==> flow/design.v <==
module my_multiplier #(
  parameter W = 20,
  parameter MULT_BY = 1445,
  parameter OUT_W = W + $clog2(MULT_BY + 1)
) (
  input  aclk,
  input  [W-1:0] lhs,
  output [OUT_W-1:0] out
);
  reg [W-1:0] r_lhs;
  always @(posedge aclk)
    r_lhs <= lhs;
  assign out = r_lhs * MULT_BY;
endmodule
* From RTL to reports: my_multiplier
The steps from the RTL of my_multiplier to its reports follow in flow order.
Lines are those of the file above, counted from 1.
Library cell names are shortened.
A cell with - has no value.
- Design top :: my_multiplier
- Clock :: aclk
- Library :: sky130hd
- Library corner :: tt_025C_1v80

* Elaborated design
Counts by Yosys on the flattened word-level netlist (proc, flatten, opt, wreduce; memories kept). Register bits leave out memories and registers merged into their read ports (data or address); mux counts leave out enables and synchronous resets folded into registers. Print and check cells are left out. Cells with the same type and inputs are merged into one.
- Output and inout bits :: 31
- Register bits after elaboration :: 20
- Multiply operators :: 1
** Operators by type and width (number)
- multiplier 20 x 11 -> 31 bit with constant B :: 1

* Depth
Depth = most cells in a row (Yosys ltp): at word level without a register or memory, in the mapped netlist without a sequential cell, where the memories' decode and read muxes count.
- Depth in word-level cells :: 1
- ABC_AREA :: 1
- Gate-level depth with buffers :: 20
- Gate-level depth less buffers :: 20

* Mapped cells and area
The flow's flattened synthesis, as Yosys stat reports it; memories are mapped. The netlist is that of the ABC_AREA named above (0 if unset); the other value can give another one.
- Sequential part of the area :: 0.0004004 mm^2
- Chip area (Yosys) :: 0.0051362 mm^2
- Mapped cells :: 694
- Buffers :: 2
- Mapped flip-flops :: 20
** Cells by type (number)
- ha_1 :: 103
- fa_1 :: 61
- inv_1 :: 217
- nand2_1 :: 170
- dfxtp_1 :: 20
- xor2_1 :: 16
- nand3_1 :: 26
- nor2_2 :: 11
- a21oi_1 :: 13
- nor2_1 :: 16
- nand4_1 :: 9
- nor2_4 :: 5
- nand2_2 :: 8
- nand3_2 :: 5
- xnor2_1 :: 3
- buf_4 :: 2
- nand4_2 :: 1
- inv_2 :: 3
Not listed: further types 5, cells in them 5.

* Timing after synthesis
Source: OpenSTA report_checks on the synthesized netlist (no wires, ideal clock, input and output delay 20% of the period each), path of least setup slack; recovery checks are left aside. Register names are those of the netlist, which keeps one name where synthesis merged equal registers.
- Path type :: flip-flop to output port
- Start :: reg r_lhs[1]
- End :: out out[20]
- Data required time :: 5.528 ns
- Launch time at the first pin :: 0.000 ns
- Path delay :: 4.018 ns
- Setup slack :: 1.510 ns
- Period :: 6.91 ns
- Arrival time :: 4.018 ns
- Stages on the path :: 18
- Synthesis period reached :: 5.4 ns
"path delay" is the arrival time less input delay plus setup time.
At an output port there is no setup time.
"stages on the path" counts driving pins, that of a launching flip-flop among them; a cell with two outputs on the path counts twice.
"synthesis period reached" is the clock period less the worst setup slack; recovery checks do not enter. This is arithmetic on one report: input and output delays are still those of the set period (20% each).
The rows between start and end are the longest chain of elaborated cells between them; the timing report does not say that the signal goes this way. Where chains are equally long, one stands for them.
Each line given opens the expression or statement behind the cell; cells for indexed reads and writes are added by Yosys, which also makes memories of some case tables.
- Cell sequence :: dfxtp_1 -> ha_1 -> xor2_1 -> ha_1 -> fa_1 -> inv_1 -> fa_1 -> fa_1 -> inv_1 -> ha_1 -> nand2_2 -> inv_1 -> nand2_1 -> nand2_1 -> inv_2 -> nand2_2 -> a21oi_1 -> xor2_1
- Cells in the longest elaborated chain :: 1
- Elaborated cells between the ends (all ways) :: 1
- Source lines of those cells :: 1
- Those cells by class :: 1 x mul
** RTL lines, path post-synthesis
- start, declared :: RTL line 10 : reg [W-1:0] r_lhs;
- start, assigned :: RTL line 12 : r_lhs <= lhs;
- multiplier 20 x 11 -> 31 bit :: RTL line 13 : assign out = r_lhs * MULT_BY;
- end, declared :: RTL line 8 : output [OUT_W-1:0] out
Nets of the timed path that keep an RTL name, with a line that drives or declares them; the list need not be complete.
** Nets with RTL names, path post-synthesis (RTL line)
- out[3] :: 13

* Path in the finished layout
Path of least setup slack in the final report of flow run A (OpenROAD, finished layout, wires in). Where an end is a register, its clock arrival counts in the times.
- Path type :: flip-flop to output port
- Start :: reg r_lhs[8]
- End :: out out[25]
- Setup slack :: -1.86 ns
- Arrival time :: 4.72 ns
- Data required time :: 2.86 ns
- Stages on the path :: 21
- Launch time at the first pin :: 0.27 ns
- Period :: 3.58 ns
The rows between start and end are the longest chain of elaborated cells between them; the timing report does not say that the signal goes this way. Where chains are equally long, one stands for them.
- Cell sequence :: dfxtp_4 -> buf_6 -> ha_4 -> inv_4 -> fa_1 -> inv_2 -> fa_1 -> inv_2 -> fa_2 -> fa_1 -> inv_1 -> ha_4 -> nand2_4 -> nor2_4 -> nand2_1 -> nor2_2 -> nand2_1 -> nand3_2 -> nand2_2 -> nand2_2 -> buf_6
- Cells in the longest elaborated chain :: 1
- Elaborated cells between the ends (all ways) :: 1
- Source lines of those cells :: 1
- Those cells by class :: 1 x mul
** RTL lines, path after layout
- start, declared :: RTL line 10 : reg [W-1:0] r_lhs;
- start, assigned :: RTL line 12 : r_lhs <= lhs;
- multiplier 20 x 11 -> 31 bit :: RTL line 13 : assign out = r_lhs * MULT_BY;
- end, declared :: RTL line 8 : output [OUT_W-1:0] out

Subject: flow runs of my_multiplier

Hi,

Record of 3 stored runs of the RTL-to-layout flow on my_multiplier, platform sky130hd. The runs are unordered. Constraints: input delay and output delay 20% of the set period each, output load 0.01 pF.
"period achieved" is the run's clock period less its worst setup slack. It is reckoned from that one timing run; input and output delays stay at 20% of the period that was set.
"time on the worst setup path" = time allowed to the worst setup path (clock period - input delay - output delay, where it has them) - its slack; a late launch clock adds to it, a late capture clock takes from it.

** Flow run A
- Settings :: period_ns=3.58; CORE_UTILIZATION=58; PLACE_DENSITY=0.9; CORE_MARGIN=10; ABC_AREA=1; GPL_ROUTABILITY_DRIVEN=1; CTS_CLUSTER_DIAMETER=370; CAP_MARGIN=20; SLEW_MARGIN=20
- Time on the worst setup path :: 4.72 ns
- Worst path kind :: flip-flop to output port
- Worst hold slack :: 0.880 ns
- Final utilization :: 90.4 %
- Overall die area :: 0.01302 mm^2
- Standard-cell area after layout :: 0.007845 mm^2
- Worst slack on setup checks :: -1.855 ns
- Period achieved :: 5.435 ns
- Post-route setup TNS :: -35.702 ns
- Synthesized cell area :: 0.0051362 mm^2

** Flow run B
- Settings :: period_ns=8.94; CORE_UTILIZATION=57; PLACE_DENSITY_LB_ADDON=0.05; CORE_ASPECT_RATIO=0.7; GPL_ROUTABILITY_DRIVEN=0; CTS_CLUSTER_SIZE=42; CTS_CLUSTER_DIAMETER=278; CAP_MARGIN=35; SLEW_MARGIN=30; CORE_MARGIN=2
- Time on the worst setup path :: 5.51 ns
- Worst path kind :: flip-flop to output port
- Worst hold slack :: 1.975 ns
- Final utilization :: 68.1 %
- Overall die area :: 0.0090261 mm^2
- Standard-cell area after layout :: 0.0054039 mm^2
- Worst slack on setup checks :: 1.644 ns
- Period achieved :: 7.296 ns
- Post-route setup TNS :: 0.000 ns
- Synthesized cell area :: 0.0047145 mm^2

** Flow run C
- Settings :: period_ns=6.91; CAP_MARGIN=20; CORE_MARGIN=2; CORE_UTILIZATION=40; SLEW_MARGIN=20
- Time on the worst setup path :: 5.35 ns
- Worst path kind :: flip-flop to output port
- Worst hold slack :: 1.568 ns
- Final utilization :: 48.0 %
- Overall die area :: 0.0126709 mm^2
- Standard-cell area after layout :: 0.0055028 mm^2
- Worst slack on setup checks :: 0.177 ns
- Period achieved :: 6.733 ns
- Post-route setup TNS :: 0.000 ns
- Synthesized cell area :: 0.0047145 mm^2

Regards
